==> flow/design.v <==
module alu_mux_top #(
  parameter integer DW = 12,
  parameter integer N = 3,
  parameter integer SW = $clog2(N)
) (
  input  logic aclk,
  input  logic enable,
  input  logic [N*DW-1:0] ch_i,
  input  logic [SW-1:0] s_i,
  output logic [DW-1:0] z_o_o
);
  wire [DW-1:0] arr [0:N-1];
  generate
    for (genvar g = 0; g < N; g++) begin : gen
      assign arr[g] = ch_i[g*DW +: DW];
    end
  endgenerate
  always_ff @(posedge aclk) begin
    if (enable) begin
      z_o_o <= arr[s_i];
    end
  end
endmodule
Appendix: tool output

## Step by step through the tools: alu_mux_top

A sweep over "N": the same steps for each member of the family.
The file above is the member N=3. Line numbers count from 1 in each member's own file.
Cell names lack the library's common part.
Not given: -

- Top module: alu_mux_top
- Clock: aclk
- Standard-cell library: sky130hd
- Timing corner: tt_025C_1v80

## Members of the sweep

New or changed lines of each further member against the RTL above, in its own file; lines it lacks are not shown.

Lines new or changed:

| N | line | source |
|---|---|---|
| 4 | 3 | `parameter integer N = 4,` |
| 8 | 3 | `parameter integer N = 8,` |
| 10 | 3 | `parameter integer N = 10,` |

## Elaborated design

Yosys after proc, flatten, opt, wreduce and memory -nomap, before mapping. Memory bits, and registers merged into a memory's read port (data or address), are not among the register bits. Print and check cells are not counted. Equal cells are merged and count once.

Word-level totals:

| N | register bits | input bits | output and inout port bits | elaborated cells |
|---|---|---|---|---|
| 3 | 12 | 40 | 12 | 5 |
| 4 | 12 | 52 | 12 | 6 |
| 8 | 12 | 101 | 12 | 10 |
| 10 | 12 | 126 | 12 | 12 |

Cells by class:

| N | equality and inequality tests | multiplexer cells | reductions and logical operators |
|---|---|---|---|
| 3 | 2 | 1 | 1 |
| 4 | 3 | 1 | 1 |
| 8 | 7 | 1 | 1 |
| 10 | 9 | 1 | 1 |

Operators with widths:

| N | kind and count |
|---|---|
| 3 | 12-bit case mux with 3-bit select (1); 2-bit by 1-bit equality test with 1-bit output (second input constant) (1); 2-bit equality test (second input constant) (1); 2-bit logical NOT (1) |
| 4 | 12-bit case mux with 4-bit select (1); 2-bit equality test (second input constant) (2); 2-bit by 1-bit equality test with 1-bit output (second input constant) (1); 2-bit logical NOT (1) |
| 8 | 12-bit case mux with 8-bit select (1); 3-bit equality test (second input constant) (4); 3-bit by 2-bit equality test with 1-bit output (second input constant) (2); 3-bit by 1-bit equality test with 1-bit output (second input constant) (1); 3-bit logical NOT (1) |
| 10 | 12-bit case mux with 10-bit select (1); 4-bit by 3-bit equality test with 1-bit output (second input constant) (4); 4-bit by 2-bit equality test with 1-bit output (second input constant) (2); 4-bit equality test (second input constant) (2); 4-bit by 1-bit equality test with 1-bit output (second input constant) (1); 4-bit logical NOT (1) |

## Logic depth

Longest topological path by Yosys (ltp), each cell counted once; first at word level (registers and memories cut), then after technology mapping (sequential cells cut; the memories' decode and read muxes count).

Depth:

| N | word-level depth | ABC_AREA | gate-level depth with buffers | mapped depth without buffers |
|---|---|---|---|---|
| 3 | 2 | 0 | 5 | 4 |
| 4 | 2 | 0 | 2 | 1 |
| 8 | 2 | 0 | 6 | 4 |
| 10 | 2 | 0 | 7 | 4 |

## Netlist

Source: synth_stat.txt of the flow (Yosys; design flattened, memories mapped). It holds for the ABC_AREA given above (unset counts as 0); a run with the other value may have another netlist.
The area totals of this step are shown rounded.

Mapped netlist:

| N | mapped cells | synthesis area (um^2) | mapped flip-flops | buffer cells |
|---|---|---|---|---|
| 3 | 56 | 629 | 12 | 4 |
| 4 | 26 | 654 | 12 | 2 |
| 8 | 125 | 1,210 | 12 | 12 |
| 10 | 199 | 1,630 | 12 | 21 |

Cell types:

| N | types with counts |
|---|---|
| 3 | edfxtp_1 (12); a22oi_1 (12); o21ai_1 (11); nand2_1 (12); buf_6 (3); ha_1 (2); buf_4 (1); inv_1 (2); o21ai_0 (1) |
| 4 | edfxtp_1 (12); mux4_2 (10); mux4_1 (2); buf_6 (1); buf_2 (1) |
| 8 | edfxtp_1 (12); mux2i_1 (33); a211oi_1 (12); o22a_1 (9); nor2_1 (15); o22ai_1 (9); buf_6 (4); a21oi_1 (5); buf_12 (1); nand2_1 (5); buf_2 (3); buf_8 (1); nor3b_1 (2); o21ai_0 (3); or3_4 (1); nand3_1 (2); buf_4 (1); clkbuf_1 (2); [+5] |
| 10 | edfxtp_1 (12); mux2i_1 (12); a21oi_1 (23); o32a_1 (9); a221oi_1 (9); a22oi_1 (9); a32oi_1 (6); nor2b_1 (8); o22ai_1 (8); nor2_1 (13); buf_6 (4); buf_2 (8); a21o_1 (5); buf_4 (5); nand2b_1 (6); nand3_1 (7); mux2_2 (3); a22o_1 (3); [+49] |

The mark [+n] counts cells that are not listed.

## Path before layout

Source: OpenSTA report_checks on the synthesized netlist (no wires, ideal clock, input and output delay 20% of the period each), path of least setup slack; recovery checks are left aside. Register names are those of the netlist, which keeps one name where synthesis merged equal registers.

Timing post-synthesis:

| N | path type | start | end | clock period (ns) | path slack (ns) | stages on the path | delay of the path (ns) | synthesis period reached (ns) |
|---|---|---|---|---|---|---|---|---|
| 3 | input to register | input s_i[0] | register z_o_o[9] | 1.4 | 0.226 | 5 | 0.894 | 1.174 |
| 4 | input to register | input s_i[0] | register z_o_o[0] | 1.42 | 0.230 | 2 | 0.906 | 1.19 |
| 8 | input to register | input s_i[0] | register z_o_o[10] | 1.74 | 0.278 | 4 | 1.113 | 1.462 |
| 10 | input to register | input s_i[1] | register z_o_o[5] | 1.96 | 0.313 | 6 | 1.256 | 1.647 |

"delay of the path" = arrival - input delay + setup time.
"stages on the path" counts driving pins, that of a launching flip-flop among them; a cell with two outputs on the path counts twice.
"synthesis period reached" = period - worst setup slack (recovery checks aside). The figure is calculated, with input and output delays left at 20% of the set period.
Between the ends stands the longest chain of elaborated cells between them, by number of cells; it is not shown to be the way that was timed. Of several equally long chains one is given.
Each line given opens the expression or statement behind the cell; cells for indexed reads and writes are added by Yosys, which also makes memories of some case tables.

On the way, post-synthesis, N=3:
- Length of the longest elaborated chain: 2

RTL lines, path post-synthesis, N=3:

| item | line | source |
|---|---|---|
| from (decl) | 9 | `input  logic [SW-1:0] s_i,` |
| 2-bit equality test | 20 | `z_o_o <= arr[s_i];` |
| 12-bit case mux with 3-bit select | 20 |  |
| to (assign) | 20 |  |
| to (decl) | 10 | `output logic [DW-1:0] z_o_o` |

On the way, post-synthesis, N=10:
- Length of the longest elaborated chain: 2

RTL lines, path post-synthesis, N=10:

| item | line | source |
|---|---|---|
| from (decl) | 9 | `input  logic [SW-1:0] s_i,` |
| 4-bit equality test | 20 | `z_o_o <= arr[s_i];` |
| 12-bit case mux with 10-bit select | 20 |  |
| to (assign) | 20 |  |
| to (decl) | 10 | `output logic [DW-1:0] z_o_o` |

## Path in the finished layout

Path of least setup slack in the final report of each member's run (OpenROAD, finished layout, wires in). Where an end is a register, its clock arrival counts in the times.

Timing post-layout:

| N | path type | start | end | clock period (ns) | path slack (ns) | stages on the path | arrival (ns) | buffers on the path |
|---|---|---|---|---|---|---|---|---|
| 3 | input to register | input s_i[1] | register z_o_o[9] | 1.4 | 0.06 | 5 | 1.36 | 1 |
| 4 | register to output | register z_o_o[8] | output z_o_o[8] | 1.42 | 0.14 | 2 | 0.99 | 1 |
| 8 | input to register | input s_i[1] | register z_o_o[8] | 1.74 | 0.14 | 5 | 1.77 | 1 |
| 10 | input to register | input s_i[1] | register z_o_o[3] | 1.96 | 0.20 | 6 | 1.75 | 2 |

## Layout results

Settings and results of one run of the flow (Yosys, OpenROAD) for each member follow. The constraints put input and output delay at 20% of the set period each and load the outputs with 0.01 pF.

- CAP_MARGIN: 20
- CORE_MARGIN: 2
- CORE_UTILIZATION: 40
- SLEW_MARGIN: 20

Settings that differ:

| N | period_ns |
|---|---|
| 3 | 1.4 |
| 4 | 1.42 |
| 8 | 1.74 |
| 10 | 1.96 |

Results:

| N | chip area after synthesis (Yosys) (um^2) | overall die area (um^2) | standard-cell area after layout (um^2) | utilization after layout (%) | setup slack of the worst path (ns) | summed negative setup slack (ns) | worst hold slack after layout (ns) | clock period achieved (ns) |
|---|---|---|---|---|---|---|---|---|
| 3 | 629 | 1,910 | 1,190 | 80.0 | 0.056 | 0.000 | 0.677 | 1.344 |
| 4 | 654 | 1,980 | 1,380 | 90.6 | 0.144 | 0.000 | 0.750 | 1.276 |
| 8 | 1,210 | 3,480 | 2,390 | 85.2 | 0.144 | 0.000 | 0.667 | 1.596 |
| 10 | 1,630 | 4,610 | 3,340 | 84.2 | 0.203 | 0.000 | 0.831 | 1.757 |

"clock period achieved" is the run's clock period less its worst setup slack. It is reckoned from that one timing run; input and output delays stay at 20% of the period that was set.
The results are shown rounded.
